==> flow/design.v <==
module dp_mplex #(
   parameter int DATA_WIDTH = 2
) (
   input logic aclk,
   input logic resetn,
   input logic [DATA_WIDTH-1:0] src0,
   input logic [DATA_WIDTH-1:0] src1,
   input logic [DATA_WIDTH-1:0] src2,
   input logic [DATA_WIDTH-1:0] src3,
   input logic [DATA_WIDTH-1:0] src4,
   input logic [DATA_WIDTH-1:0] src5,
   input logic [DATA_WIDTH-1:0] src6,
   input logic [5:0] s,
   output logic [DATA_WIDTH-1:0] data_out
);
   logic [DATA_WIDTH-1:0] src0_r;
   logic [DATA_WIDTH-1:0] src1_r;
   logic [DATA_WIDTH-1:0] src2_r;
   logic [DATA_WIDTH-1:0] src3_r;
   logic [DATA_WIDTH-1:0] src4_r;
   logic [DATA_WIDTH-1:0] src5_r;
   logic [DATA_WIDTH-1:0] src6_r;
   logic [5:0] s_r;
   always_ff @(posedge aclk) begin
      if (~resetn) begin
         src0_r <= 0;
         src1_r <= 0;
         src2_r <= 0;
         src3_r <= 0;
         src4_r <= 0;
         src5_r <= 0;
         src6_r <= 0;
         s_r <= 0;
      end else begin
         src0_r <= src0;
         src1_r <= src1;
         src2_r <= src2;
         src3_r <= src3;
         src4_r <= src4;
         src5_r <= src5;
         src6_r <= src6;
         s_r <= s;
      end
   end
   logic [DATA_WIDTH-1:0] work;
   always_comb begin
      casez (s_r)
         6'b?????1: work = src0_r;
         6'b????10: work = src1_r;
         6'b???100: work = src2_r;
         6'b??1000: work = src3_r;
         6'b?10000: work = src4_r;
         6'b100000: work = src5_r;
         default: work = src6_r;
      endcase
   end
   always_ff @(posedge aclk) begin
      if (~resetn) begin
         data_out <= 0;
      end else begin
         data_out <= work;
      end
   end
endmodule
======== From RTL to reports: dp_mplex ========
Tool output for the design above, in the order of the flow.
Lines are those of the file above, counted from 1.
Cell names lack the library's common part.
Not given: n/a
set-up
  top ..................................... dp_mplex
  clock port .............................. aclk
  library ................................. sky130hd
  library corner .......................... tt_025C_1v80

======== Word-level counts ========
Counts by Yosys on the flattened word-level netlist (proc, flatten, opt, wreduce; memories kept). Register bits leave out memories and registers merged into their read ports (data or address); mux counts leave out enables and synchronous resets folded into registers. Print and check cells are left out. Cells with the same type and inputs are merged into one.
word-level totals
  flip-flop bits (word level) ............. 22
  bits in latches ......................... 0
  RAM bits ................................ 0
  memory bits (read-only) ................. 0
  clocked read ports x word width ......... 0
  memories ................................ 0
  input port bits ......................... 22
operators by class
  add/subtract/negate cells ............... 0
  $mul .................................... 0
  divide/modulo/power cells ............... 0
  $lt $le $gt $ge ......................... 0
  equal/unequal tests ..................... 5
  shifts and indexed selects .............. 0
  muxes and demuxes ....................... 1
  bitwise gates (word level) .............. 0
  reductions and logical operators ........ 0
operator list
  kind                                 number
  case mux 2 bit (select 6 bit)        1
  equality test 6 bit with constant B  1
  equality test 5 bit with constant B  1
  equality test 4 bit with constant B  1
  equality test 3 bit with constant B  1
  equality test 2 bit with constant B  1

======== Longest topological paths ========
Depth = most cells in a row (Yosys ltp): at word level without a register or memory, in the mapped netlist without a sequential cell, where the memories' decode and read muxes count.
logic depth
  depth in word-level cells ............... 2
  ABC_AREA ................................ 0
  gate-level depth with buffers ........... 3
  mapped depth without buffers ............ 3

======== Synthesis result ========
The flow's flattened synthesis, as Yosys stat reports it; memories are mapped. The netlist is that of the ABC_AREA named above (0 if unset); the other value can give another one.
cells by type
  cell type  number  area in all (um^2)
  dfxtp_1    22      440.422
  and2_1     22      137.632
  a22o_2     2       20.019
  o221ai_1   2       17.517
  o41ai_1    2       17.517
  nand3b_1   2       15.014
  a31oi_1    2       12.512
  inv_1      3       11.261
  a21oi_1    2       10.01
  nand3_1    2       10.01
  clkbuf_1   2       7.507
  o21bai_1   1       7.507
  or2_2      1       6.256
  or3_1      1       6.256
  nor3_1     1       5.005
  nor2_1     1       3.754
mapped netlist
  mapped cells ............................ 68
  cell area after synthesis ............... 728.2 um^2
  sequential area ......................... 440.4 um^2
  flip-flop cells ......................... 22
  buffer cells ............................ 2

======== Timing after synthesis ========
Path of least setup slack by OpenSTA after synthesis, without wires, with an ideal clock, recovery checks aside; 20% of the period is set as input and as output delay. Where synthesis merged equal registers, the netlist keeps one of their names.
timing after synthesis
  path type ............................... register -> register
  start point ............................. register s_r[2]
  end point ............................... register data_out[0]
  period .................................. 1.44 ns
  library setup time ...................... 0.129 ns
  time at the first pin ................... 0.000 ns
  data arrival time ....................... 1.027 ns
  required time ........................... 1.311 ns
  setup slack ............................. 0.284 ns
  delay of the path ....................... 1.156 ns
  stages on the path ...................... 4
  buffers on the path ..................... 0
  synthesis period reached ................ 1.156 ns
"delay of the path" is the arrival time less input delay plus setup time.
"stages on the path": output pins that drive a net of the path, with the launching flip-flop's if there is one; two outputs of one cell count as two.
"synthesis period reached" = period - worst setup slack (recovery checks aside). The figure is calculated, with input and output delays left at 20% of the set period.
The rows between start and end are the longest chain of elaborated cells between them; the timing report does not say that the signal goes this way. Where chains are equally long, one stands for them.
Each line given opens the expression or statement behind the cell; cells for indexed reads and writes are added by Yosys, which also makes memories of some case tables.
on the way, after synthesis
  cell sequence ........................... dfxtp_1 -> or3_1 -> o41ai_1 -> a31oi_1
  cells in the longest elaborated chain ... 2
  elaborated cells on any way between the ends .. 5
RTL lines, path after synthesis
  what                           RTL line  RTL
  start, declared                23        logic [5:0] s_r;
  start, assigned                33        s_r <= 0;
  start, assigned                42        s_r <= s;
  equality test 6 bit            47        casez (s_r)
  case mux 2 bit (select 6 bit)  47
  end, assigned                  59        data_out <= 0;
  end, assigned                  61        data_out <= work;
  end, declared                  14        output logic [DATA_WIDTH-1:0] data_out

======== Path in the finished layout ========
From the final timing report of run A: the path of least setup slack in the routed layout; clock arrival at registers is part of the times.
timing post-layout
  path type ............................... register -> register
  start point ............................. register s_r[2]
  end point ............................... register data_out[1]
  period .................................. 0.863 ns
  library setup time ...................... 0.10 ns
  time at the first pin ................... 0.29 ns
  data arrival time ....................... 1.36 ns
  required time ........................... 1.05 ns
  setup slack ............................. -0.31 ns
  stages on the path ...................... 4
  buffers on the path ..................... 0
The rows between start and end are the longest chain of elaborated cells between them; the timing report does not say that the signal goes this way. Where chains are equally long, one stands for them.
on the way, post-layout
  cell sequence ........................... dfxtp_2 -> or3_4 -> o41ai_4 -> a31oi_1
  cells in the longest elaborated chain ... 2
  elaborated cells on any way between the ends .. 5
RTL lines, path post-layout
  what                           RTL line  RTL
  start, declared                23        logic [5:0] s_r;
  start, assigned                33        s_r <= 0;
  start, assigned                42        s_r <= s;
  equality test 6 bit            47        casez (s_r)
  case mux 2 bit (select 6 bit)  47
  end, assigned                  59        data_out <= 0;
  end, assigned                  61        data_out <= work;
  end, declared                  14        output logic [DATA_WIDTH-1:0] data_out

Wiki page: dp_mplex / flow data

Design dp_mplex on sky130hd. What follows are 3 stored runs of the flow, each under its own settings; their order means nothing. The constraints put input and output delay at 20% of the set period each and load the outputs with 0.01 pF.
"clock period achieved" is the run's clock period less its worst setup slack. It is reckoned from that one timing run; input and output delays stay at 20% of the period that was set.
By "allowed time less slack (worst setup path)" is meant the share of the clock period that the worst setup path is allowed (20% is reserved at inputs, 20% at outputs), minus its slack. Clock arrival times at its registers enter into it.
By "total power after layout" is meant OpenSTA's value without simulated activity: inputs other than the clock are taken to toggle once in ten clock periods, and the tool carries that through the logic.

---- run A ----
settings
  period_ns = 0.863
  CORE_UTILIZATION = 55
  SETUP_SLACK_MARGIN = 0.26
  PLACE_DENSITY_LB_ADDON = 0.29
  CELL_PAD_IN_SITES_DETAIL_PLACEMENT = 0
  GPL_TIMING_DRIVEN = 1
  GPL_ROUTABILITY_DRIVEN = 0
  CAP_MARGIN = 35
  CORE_MARGIN = 2
  SLEW_MARGIN = 20
results
  allowed time less slack (worst setup path) .. 1.17 ns
  kind of the worst setup path ............ register -> register
  standard-cell area after routing ........ 1102.3 um^2
  total power after layout ................ 1.921 mW
  post-route worst hold slack ............. 0.175 ns
  Yosys chip area after synthesis ......... 728.2 um^2
  clock period achieved ................... 1.170 ns
  worst setup slack after layout .......... -0.307 ns
  setup total negative slack .............. -0.697 ns
  final design utilization ................ 86.9 %
  die size ................................ 1631.0 um^2

---- run B ----
settings
  period_ns = 1.81
  CORE_UTILIZATION = 47
  PLACE_DENSITY_LB_ADDON = 0.23
  CORE_ASPECT_RATIO = 0.82
  CELL_PAD_IN_SITES_GLOBAL_PLACEMENT = 1
  CELL_PAD_IN_SITES_DETAIL_PLACEMENT = 1
  ABC_AREA = 0
  GPL_TIMING_DRIVEN = 0
  GPL_ROUTABILITY_DRIVEN = 0
  CTS_CLUSTER_SIZE = 56
  CAP_MARGIN = 20
  CORE_MARGIN = 2
  SLEW_MARGIN = 20
results
  no results, clock tree synthesis failed with DPL-0033

---- run C ----
settings
  period_ns = 1.44
  CAP_MARGIN = 20
  CORE_MARGIN = 2
  CORE_UTILIZATION = 40
  SLEW_MARGIN = 20
results
  allowed time less slack (worst setup path) .. 1.24 ns
  kind of the worst setup path ............ register -> register
  standard-cell area after routing ........ 1031.0 um^2
  total power after layout ................ 1.117 mW
  post-route worst hold slack ............. 0.486 ns
  Yosys chip area after synthesis ......... 728.2 um^2
  clock period achieved ................... 1.239 ns
  worst setup slack after layout .......... 0.201 ns
  setup total negative slack .............. 0.000 ns
  final design utilization ................ 59.7 %
  die size ................................ 2177.6 um^2
